==> flow/design.v <==
module core_mux_stage #(
    parameter DATA_WIDTH = 32,
    parameter N = 3,
    parameter SEL_W = $clog2(N)
) (
    input  clk_i,
    input  nrst,
    input  [N*DATA_WIDTH-1:0] i_in,
    input  [SEL_W-1:0] i_pick,
    output reg [DATA_WIDTH-1:0] o_res
);
    wire [N-1:0] hot;
    assign hot = {{(N-1){1'b0}}, 1'b1} << i_pick;
    reg [DATA_WIDTH-1:0] nxt;
    integer i;
    always @(*) begin
        nxt = 0;
        for (i = 0; i < N; i = i + 1)
            nxt = nxt | (i_in[i*DATA_WIDTH +: DATA_WIDTH] & {DATA_WIDTH{hot[i]}});
    end
    always @(posedge clk_i or negedge nrst) begin
        if (~nrst) begin
            o_res <= 0;
        end else begin
            o_res <= nxt;
        end
    end
endmodule
== Tool chain data of core_mux_stage ==
Tool output for the design above, in the order of the flow.
Lines are those of the file above, counted from 1.
Operators carry their Yosys type and port widths (W data, S select, Z words).
Cell names lack the library's common part.
Not given: --
Design
  top module: core_mux_stage
  clock input: clk_i
  cell library: sky130hd
  corner: tt_025C_1v80

== After elaboration ==
Yosys after proc, flatten, opt, wreduce and memory -nomap, before mapping. Enables and synchronous resets that opt folds into registers are not counted as muxes. Memory bits, and registers merged into a memory's read port (data or address), are not among the register bits. Print and check cells are not counted. Equal cells are merged and count once.
Operators by class
  shifts and indexed selects: 1
  bitwise gates (word level): 5
Operators by type and width (count)
  $and A32 B32 Y32: 3
  $or A32 B32 Y32: 2
  $shl A1 B2 Y3 const A: 1
Word-level totals
  flip-flop bits (word level): 32
  input bits: 100
  output and inout bits: 32
  cells after elaboration: 7

== Longest topological paths ==
Longest topological path by Yosys (ltp), each cell counted once; first at word level (registers and memories cut), then after technology mapping (sequential cells cut; the memories' decode and read muxes count).
Logic depth
  depth after elaboration: 4
  ABC_AREA: 0
  mapped depth: 5
  depth with buffers taken out: 2

== Netlist ==
The flow's flattened synthesis, as Yosys stat reports it; memories are mapped. The netlist is that of the ABC_AREA named above (0 if unset); the other value can give another one.
Cell types
  dfrtp_1: count 32, total area 800.768 um2
  mux2i_1: count 32, total area 320.307 um2
  o2bb2ai_1: count 22, total area 192.685 um2
  o2bb2ai_2: count 10, total area 150.144 um2
  buf_6: count 8, total area 90.086 um2
  nor2b_4: count 1, total area 13.763 um2
  buf_4: count 1, total area 7.507 um2
  clkbuf_1: count 2, total area 7.507 um2
  buf_2: count 1, total area 5.005 um2
Mapped netlist
  cell count: 109
  cell area after synthesis: 1587.8 um2
  area of sequential cells: 800.8 um2
  mapped flip-flops: 32
  buffer cells: 12

== Path before layout ==
OpenSTA on the mapped netlist: ideal clock, no wires. The path of least setup slack (recovery checks aside). Input and output delay are each 20% of the period. Register names are those of the netlist, which keeps one name where synthesis merged equal registers.
Timing path after synthesis
  kind: input -> register
  start: in i_pick[1]
  end: reg o_res[10]
  clock period: 1.14 ns
  input delay: 0.228 ns
  setup time: 0.122 ns
  launch time at the first pin: 0.228 ns
  data arrival time: 0.833 ns
  data required time: 1.018 ns
  path slack: 0.185 ns
  delay of the path: 0.727 ns
  stages: 5
  buffers on the path: 3
  synthesis period reached: 0.955 ns
"delay of the path" = arrival - input delay + setup time.
"stages": output pins that drive a net of the path, with the launching flip-flop's if there is one; two outputs of one cell count as two.
"synthesis period reached" = period - worst setup slack (recovery checks aside). The figure is calculated, with input and output delays left at 20% of the set period.
Between the ends stands the longest chain of elaborated cells between them, by number of cells; it is not shown to be the way that was timed. Of several equally long chains one is given.
A line is the first line of the expression or statement that the cell stems from. Yosys adds cells for indexed reads and writes and turns some case tables into memories.
Between the ends, after synthesis
  cell sequence: buf_4 -> nor2b_4 -> buf_6 -> buf_6 -> o2bb2ai_2
  length of the longest elaborated chain: 4
  elaborated cells between the ends (all ways): 6
  RTL lines with such cells: 2
  those cells by class: 1 x shift; 5 x logic
RTL lines, path after synthesis
  start, declared: line 9  | input  [SEL_W-1:0] i_pick,
  $shl A1 B2 Y3: line 13  | assign hot = {{(N-1){1'b0}}, 1'b1} << i_pick;
  $and A32 B32 Y32: line 19  | nxt = nxt | (i_in[i*DATA_WIDTH +: DATA_WIDTH] & {DATA_WIDTH{hot[i]}});
  $or A32 B32 Y32 (2 in a row): line 19
  end, assigned: line 23  | o_res <= 0;
  end, assigned: line 25  | o_res <= nxt;
  end, declared: line 10  | output reg [DATA_WIDTH-1:0] o_res

== Timing after layout ==
Path of least setup slack in the final report of run 1 (OpenROAD, finished layout, wires in). Where an end is a register, its clock arrival counts in the times.
Timing path after layout
  kind: register -> output
  start: reg o_res[22]
  end: out o_res[22]
  clock period: 1.26 ns
  external output delay: 0.25 ns
  launch time at the first pin: 0.27 ns
  data arrival time: 0.78 ns
  data required time: 1.01 ns
  path slack: 0.23 ns
  stages: 2
  buffers on the path: 1
Between the ends, after layout
  cell sequence: dfrtp_1 -> buf_2
  length of the longest elaborated chain: 0
  elaborated cells between the ends (all ways): 0
  RTL lines with such cells: 0
RTL lines, path after layout
  start, declared: line 10  | output reg [DATA_WIDTH-1:0] o_res
  start, assigned: line 23  | o_res <= 0;
  start, assigned: line 25  | o_res <= nxt;
  end, declared: line 10

Hand-over note for core_mux_stage

Design core_mux_stage on sky130hd. What follows are 3 stored runs of the flow, each under its own settings; their order means nothing. The constraints put input and output delay at 20% of the set period each and load the outputs with 0.01 pF.
"achieved clock period (ns)": clock period set for the run, less the worst setup slack. It is reckoned from that one timing run; input and output delays stay at 20% of the period that was set.
"worst setup path time (ns)" = time allowed to the worst setup path (clock period - input delay - output delay, where it has them) - its slack; a late launch clock adds to it, a late capture clock takes from it.
By "finish__power__total" is meant OpenSTA's value without simulated activity: inputs other than the clock are taken to toggle once in ten clock periods, and the tool carries that through the logic.

settings of run 1
{
  "period_ns": 1.26,
  "CORE_UTILIZATION": 37,
  "SETUP_SLACK_MARGIN": 0.34,
  "PLACE_DENSITY_LB_ADDON": 0.25,
  "CORE_MARGIN": 7,
  "GPL_TIMING_DRIVEN": 0,
  "GPL_ROUTABILITY_DRIVEN": 0,
  "CTS_CLUSTER_DIAMETER": 390,
  "MAX_ROUTING_LAYER": "met4",
  "CAP_MARGIN": 20,
  "SLEW_MARGIN": 20
}
report of run 1
yosys chip area after synthesis (um^2): 1587.8
finish__design__die__area: 6321.1
finish__design__instance__area__stdcell: 3007.9
finish__design__instance__utilization: 0.7413
finish__timing__setup__ws: 0.227
finish__timing__setup__tns: 0.000
finish__timing__hold__ws: 0.166
finish__power__total: 2.703e-03
achieved clock period (ns): 1.033
worst setup path time (ns): 0.78
worst setup path kind: register -> output

settings of run 2
{
  "period_ns": 1.14,
  "CAP_MARGIN": 20,
  "CORE_MARGIN": 2,
  "CORE_UTILIZATION": 40,
  "SLEW_MARGIN": 20
}
report of run 2
yosys chip area after synthesis (um^2): 1587.8
finish__design__die__area: 4489.7
finish__design__instance__area__stdcell: 3011.6
finish__design__instance__utilization: 0.8045
finish__timing__setup__ws: 0.029
finish__timing__setup__tns: 0.000
finish__timing__hold__ws: 0.319
finish__power__total: 2.986e-03
achieved clock period (ns): 1.111
worst setup path time (ns): 0.88
worst setup path kind: register -> output

settings of run 3
{
  "period_ns": 1.2,
  "CORE_UTILIZATION": 61,
  "PLACE_DENSITY": 0.68,
  "HOLD_SLACK_MARGIN": 0.3,
  "CELL_PAD_IN_SITES_GLOBAL_PLACEMENT": 2,
  "TNS_END_PERCENT": 85,
  "GPL_TIMING_DRIVEN": 1,
  "GPL_ROUTABILITY_DRIVEN": 0,
  "SLEW_MARGIN": 30,
  "MIN_ROUTING_LAYER": "met2",
  "MAX_ROUTING_LAYER": "met4",
  "CAP_MARGIN": 20,
  "CORE_MARGIN": 2
}
report of run 3: did not finish, place, GPL-0301

End of note.
